==> flow/design.v <==
module sync_sh_core_n (ck, rstn, step, ch_in, sa_in, out_out);
  parameter DATA_WIDTH = 8;
  localparam SBITS = $clog2(DATA_WIDTH);
  input ck;
  input rstn;
  input step;
  input signed [DATA_WIDTH-1:0] ch_in;
  input [SBITS-1:0] sa_in;
  output reg [DATA_WIDTH-1:0] out_out;
  reg signed [DATA_WIDTH-1:0] r_ch;
  reg [SBITS-1:0] r_sa;
  always @(posedge ck) begin
    if (!rstn) begin
      r_ch <= 0;
      r_sa <= 0;
      out_out <= 0;
    end else if (step) begin
      r_ch <= ch_in;
      r_sa <= sa_in;
      out_out <= r_ch >>> r_sa;
    end
  end
endmodule
* Reports on sync_sh_core_n
Module sync_sh_core_n in several versions that differ in "DATA_WIDTH"; each step lists the members.
The file above is the member DATA_WIDTH=8. Line numbers count from 1 in each member's own file.
Operators carry their Yosys type and port widths (W data, S select, Z words).
Library cell names are shortened.
The mark -- stands for no value.
- Design top :: sync_sh_core_n
- Clock :: ck
- Cell library :: sky130hd
- Library corner :: tt_025C_1v80

* Members of the sweep
New or changed lines of each further member against the RTL above, in its own file; lines it lacks are not shown.
** Lines new or changed
- DATA_WIDTH 16 :: line 2 : parameter DATA_WIDTH = 16;
- DATA_WIDTH 32 :: line 2 : parameter DATA_WIDTH = 32;
- DATA_WIDTH 56 :: line 2 : parameter DATA_WIDTH = 56;
- DATA_WIDTH 80 :: line 2 : parameter DATA_WIDTH = 80;

* Word level
Yosys after proc, flatten, opt, wreduce and memory -nomap, before mapping. Enables and synchronous resets that opt folds into registers are not counted as muxes. Memory bits, and registers merged into a memory's read port (data or address), are not among the register bits. Print and check cells are not counted. Equal cells are merged and count once.
** Operators by class
- DATA_WIDTH 8 :: bitwise gates (word level) 0, shifts and indexed selects 1, div/mod/pow operators 0, $mul 0, reduce/logical cells 0, $lt $le $gt $ge 0, $add $sub $neg 0, equal/unequal tests 0, mux-type cells 0
- DATA_WIDTH 16 :: bitwise gates (word level) 0, shifts and indexed selects 1, div/mod/pow operators 0, $mul 0, reduce/logical cells 0, $lt $le $gt $ge 0, $add $sub $neg 0, equal/unequal tests 0, mux-type cells 0
- DATA_WIDTH 32 :: bitwise gates (word level) 0, shifts and indexed selects 1, div/mod/pow operators 0, $mul 0, reduce/logical cells 0, $lt $le $gt $ge 0, $add $sub $neg 0, equal/unequal tests 0, mux-type cells 0
- DATA_WIDTH 56 :: bitwise gates (word level) 0, shifts and indexed selects 1, div/mod/pow operators 0, $mul 0, reduce/logical cells 0, $lt $le $gt $ge 0, $add $sub $neg 0, equal/unequal tests 0, mux-type cells 0
- DATA_WIDTH 80 :: bitwise gates (word level) 0, shifts and indexed selects 1, div/mod/pow operators 0, $mul 0, reduce/logical cells 0, $lt $le $gt $ge 0, $add $sub $neg 0, equal/unequal tests 0, mux-type cells 0
** Operators by type and width (kinds with counts)
- DATA_WIDTH 8 :: $sshr A8 B3 Y8 (1)
- DATA_WIDTH 16 :: $sshr A16 B4 Y16 (1)
- DATA_WIDTH 32 :: $sshr A32 B5 Y32 (1)
- DATA_WIDTH 56 :: $sshr A56 B6 Y56 (1)
- DATA_WIDTH 80 :: $sshr A80 B7 Y80 (1)
** Storage and ports
- DATA_WIDTH 8 :: memory cells 0, clocked read ports x word width 0, cells after elaboration 4, output and inout port bits 8, bits in read-only memories 0, memory bits (writable) 0, bits of input ports 14, register bits after elaboration 19, latch bits 0
- DATA_WIDTH 16 :: memory cells 0, clocked read ports x word width 0, cells after elaboration 4, output and inout port bits 16, bits in read-only memories 0, memory bits (writable) 0, bits of input ports 23, register bits after elaboration 36, latch bits 0
- DATA_WIDTH 32 :: memory cells 0, clocked read ports x word width 0, cells after elaboration 4, output and inout port bits 32, bits in read-only memories 0, memory bits (writable) 0, bits of input ports 40, register bits after elaboration 69, latch bits 0
- DATA_WIDTH 56 :: memory cells 0, clocked read ports x word width 0, cells after elaboration 4, output and inout port bits 56, bits in read-only memories 0, memory bits (writable) 0, bits of input ports 65, register bits after elaboration 118, latch bits 0
- DATA_WIDTH 80 :: memory cells 0, clocked read ports x word width 0, cells after elaboration 4, output and inout port bits 80, bits in read-only memories 0, memory bits (writable) 0, bits of input ports 90, register bits after elaboration 167, latch bits 0

* Depth
Depth = most cells in a row (Yosys ltp): at word level without a register or memory, in the mapped netlist without a sequential cell, where the memories' decode and read muxes count.
** Depth
- DATA_WIDTH 8 :: word-level depth 1, ABC_AREA 0, gate-level depth with buffers 4, depth with buffers taken out 3
- DATA_WIDTH 16 :: word-level depth 1, ABC_AREA 0, gate-level depth with buffers 6, depth with buffers taken out 4
- DATA_WIDTH 32 :: word-level depth 1, ABC_AREA 0, gate-level depth with buffers 8, depth with buffers taken out 5
- DATA_WIDTH 56 :: word-level depth 1, ABC_AREA 0, gate-level depth with buffers 10, depth with buffers taken out 5
- DATA_WIDTH 80 :: word-level depth 1, ABC_AREA 0, gate-level depth with buffers 12, depth with buffers taken out 6

* Mapped cells and area
Yosys stat after the flow's synthesis: flattened, memories mapped to cells. It holds for the ABC_AREA given above (unset counts as 0); a run with the other value may have another netlist.
The area totals of this step are shown rounded.
** Cell types (type and count)
- DATA_WIDTH 8 :: dfxtp_1 (19); mux4_1 (5); mux2i_1 (13); nand2b_1 (9); nor2_1 (12); a31oi_1 (4); mux2_2 (2); buf_2 (4); o21ai_0 (4); o311ai_0 (2); a41oi_2 (1); nand2_1 (4); buf_6 (1); clkbuf_1 (3); a21oi_1 (2); o2111ai_1 (1); nor3b_1 (1); o21a_1 (1); (+5)
- DATA_WIDTH 16 :: dfxtp_1 (36); mux2i_1 (28); mux4_2 (7); nor2b_1 (25); mux2_2 (10); o21ai_0 (12); clkbuf_1 (12); nor2_1 (9); mux2_4 (2); nand2_1 (8); a21oi_1 (5); nand2b_1 (4); nand3_1 (5); a311o_1 (2); nor3_1 (4); nor4_1 (3); o211ai_1 (2); o21a_1 (2); (+26)
- DATA_WIDTH 32 :: dfxtp_1 (69); mux2i_1 (71); mux4_2 (26); nor2_1 (61); nand2_1 (31); a21oi_1 (23); o21ai_0 (19); clkbuf_1 (20); o21ai_1 (15); nand3_1 (12); mux2_2 (5); a211oi_1 (7); a31oi_1 (8); buf_4 (6); mux2_1 (4); o22ai_1 (7); o211ai_1 (5); a221oi_1 (4); (+61)
- DATA_WIDTH 56 :: dfxtp_1 (118); mux4_2 (81); mux2i_1 (97); mux2_2 (33); nor2_1 (94); o21ai_0 (44); nand2_1 (56); a21oi_1 (41); clkbuf_1 (38); mux4_1 (5); buf_2 (20); o211ai_1 (12); o211a_1 (8); o31a_1 (8); buf_4 (9); nand3_1 (13); a31oi_1 (10); buf_6 (5); (+133)
- DATA_WIDTH 80 :: dfxtp_1 (167); mux4_2 (95); mux2i_1 (175); mux2_2 (60); nor2b_1 (94); o21ai_0 (103); nand2_1 (118); mux4_1 (15); nor2_1 (89); a21oi_1 (55); clkbuf_1 (68); a31oi_1 (27); o22ai_1 (19); a221oi_1 (12); buf_2 (21); nand3_1 (19); o211ai_1 (12); o221ai_1 (10); (+162)
The mark (+n) counts cells that are not listed.
** Synthesis totals
- DATA_WIDTH 8 :: flip-flops 19, sequential area 380 µm², synthesis area 966 µm², buffers 8, cells in the netlist 93
- DATA_WIDTH 16 :: flip-flops 36, sequential area 721 µm², synthesis area 1970 µm², buffers 18, cells in the netlist 202
- DATA_WIDTH 32 :: flip-flops 69, sequential area 1380 µm², synthesis area 4220 µm², buffers 42, cells in the netlist 454
- DATA_WIDTH 56 :: flip-flops 118, sequential area 2360 µm², synthesis area 8400 µm², buffers 82, cells in the netlist 825
- DATA_WIDTH 80 :: flip-flops 167, sequential area 3340 µm², synthesis area 12700 µm², buffers 124, cells in the netlist 1321

* Timing after synthesis
Source: OpenSTA report_checks on the synthesized netlist (no wires, ideal clock, input and output delay 20% of the period each), path of least setup slack; recovery checks are left aside. Register names are those of the netlist, which keeps one name where synthesis merged equal registers.
** Timing after synthesis
- DATA_WIDTH 8 :: kind register -> register, start point register r_sa[0], end point register out_out[0], slack 0.325 ns, driving pins on the path 5, period 1.62 ns, delay of the path 1.294 ns, synthesis period reached 1.295 ns
- DATA_WIDTH 16 :: kind register -> register, start point register r_sa[1], end point register out_out[4], slack 0.427 ns, driving pins on the path 6, period 2.13 ns, delay of the path 1.703 ns, synthesis period reached 1.703 ns
- DATA_WIDTH 32 :: kind register -> register, start point register r_sa[1], end point register out_out[4], slack 0.445 ns, driving pins on the path 8, period 2.22 ns, delay of the path 1.775 ns, synthesis period reached 1.775 ns
- DATA_WIDTH 56 :: kind register -> register, start point register r_sa[2], end point register out_out[2], slack 0.525 ns, driving pins on the path 7, period 2.61 ns, delay of the path 2.086 ns, synthesis period reached 2.085 ns
- DATA_WIDTH 80 :: kind register -> register, start point register r_sa[1], end point register out_out[25], slack 0.587 ns, driving pins on the path 9, period 2.94 ns, delay of the path 2.353 ns, synthesis period reached 2.353 ns
"delay of the path" is the arrival time less input delay plus setup time.
"driving pins on the path" counts driving pins, that of a launching flip-flop among them; a cell with two outputs on the path counts twice.
"synthesis period reached" is the clock period less the worst setup slack; recovery checks do not enter. This is arithmetic on one report: input and output delays are still those of the set period (20% each).
The rows between start and end are the longest chain of elaborated cells between them; the timing report does not say that the signal goes this way. Where chains are equally long, one stands for them.
A line is the first line of the expression or statement that the cell stems from. Yosys adds cells for indexed reads and writes and turns some case tables into memories.
Between the ends, after synthesis, DATA_WIDTH=8:
- Length of the longest elaborated chain :: 1
** RTL lines, path after synthesis, DATA_WIDTH=8
- from (decl) :: line 11 : reg [SBITS-1:0] r_sa;
- from (assign) :: line 15 : r_sa <= 0;
- from (assign) :: line 19 : r_sa <= sa_in;
- $sshr A8 B3 Y8 :: line 20 : out_out <= r_ch >>> r_sa;
- to (assign) :: line 16 : out_out <= 0;
- to (assign) :: line 20
- to (decl) :: line 9 : output reg [DATA_WIDTH-1:0] out_out;
Between the ends, after synthesis, DATA_WIDTH=80:
- Length of the longest elaborated chain :: 1
** RTL lines, path after synthesis, DATA_WIDTH=80
- from (decl) :: line 11 : reg [SBITS-1:0] r_sa;
- from (assign) :: line 15 : r_sa <= 0;
- from (assign) :: line 19 : r_sa <= sa_in;
- $sshr A80 B7 Y80 :: line 20 : out_out <= r_ch >>> r_sa;
- to (assign) :: line 16 : out_out <= 0;
- to (assign) :: line 20
- to (decl) :: line 9 : output reg [DATA_WIDTH-1:0] out_out;

* Path in the finished layout
From the final timing report of the run of each member: the path of least setup slack in the routed layout; clock arrival at registers is part of the times.
** Timing post-layout
- DATA_WIDTH 8 :: kind register -> output, start point register out_out[1], end point output port out_out[1], buffers on the path 1, data arrival time 1.17 ns, driving pins on the path 2, period 1.62 ns, slack 0.12 ns
- DATA_WIDTH 16 :: kind register -> register, start point register r_sa[0], end point register out_out[4], buffers on the path 1, data arrival time 2.16 ns, driving pins on the path 5, period 2.13 ns, slack 0.16 ns
- DATA_WIDTH 32 :: kind register -> register, start point register r_sa[1], end point register out_out[15], buffers on the path 1, data arrival time 2.27 ns, driving pins on the path 6, period 2.22 ns, slack 0.19 ns
- DATA_WIDTH 56 :: kind register -> register, start point register r_sa[2], end point register out_out[7], buffers on the path 2, data arrival time 2.83 ns, driving pins on the path 7, period 2.61 ns, slack 0.08 ns
- DATA_WIDTH 80 :: kind register -> register, start point register r_sa[1], end point register out_out[20], buffers on the path 1, data arrival time 3.17 ns, driving pins on the path 8, period 2.94 ns, slack 0.11 ns

* Flow runs
Settings and results of one run of the flow (Yosys, OpenROAD) for each member follow. The constraints put input and output delay at 20% of the set period each and load the outputs with 0.01 pF.
- CAP_MARGIN :: 20
- CORE_MARGIN :: 2
- CORE_UTILIZATION :: 40
- SLEW_MARGIN :: 20
** Settings that differ (period_ns)
- DATA_WIDTH 8 :: 1.62
- DATA_WIDTH 16 :: 2.13
- DATA_WIDTH 32 :: 2.22
- DATA_WIDTH 56 :: 2.61
- DATA_WIDTH 80 :: 2.94
** Results
- DATA_WIDTH 8 :: worst setup slack after layout 0.122 ns, final design utilization 0.543, die area 2820 µm², achieved period 1.498 ns, total power after layout 0.927 mW, standard-cell area after layout 1220 µm², worst hold slack in the final report 0.477 ns, chip area after synthesis (Yosys) 966 µm², setup TNS 0.000 ns
- DATA_WIDTH 16 :: worst setup slack after layout 0.160 ns, final design utilization 0.527, die area 5500 µm², achieved period 1.970 ns, total power after layout 1.58 mW, standard-cell area after layout 2490 µm², worst hold slack in the final report 0.465 ns, chip area after synthesis (Yosys) 1970 µm², setup TNS 0.000 ns
- DATA_WIDTH 32 :: worst setup slack after layout 0.191 ns, final design utilization 0.521, die area 11400 µm², achieved period 2.029 ns, total power after layout 3.34 mW, standard-cell area after layout 5350 µm², worst hold slack in the final report 0.463 ns, chip area after synthesis (Yosys) 4220 µm², setup TNS 0.000 ns
- DATA_WIDTH 56 :: worst setup slack after layout 0.082 ns, final design utilization 0.522, die area 22200 µm², achieved period 2.528 ns, total power after layout 6.17 mW, standard-cell area after layout 10700 µm², worst hold slack in the final report 0.438 ns, chip area after synthesis (Yosys) 8400 µm², setup TNS 0.000 ns
- DATA_WIDTH 80 :: worst setup slack after layout 0.111 ns, final design utilization 0.503, die area 33100 µm², achieved period 2.829 ns, total power after layout 7.33 mW, standard-cell area after layout 15800 µm², worst hold slack in the final report 0.438 ns, chip area after synthesis (Yosys) 12700 µm², setup TNS 0.000 ns
"achieved period" = clock period - worst setup slack. The figure is calculated, with input and output delays left at 20% of the set period.
"total power after layout" is the tool's figure for a default switching activity; nothing was simulated.
The results are shown rounded.
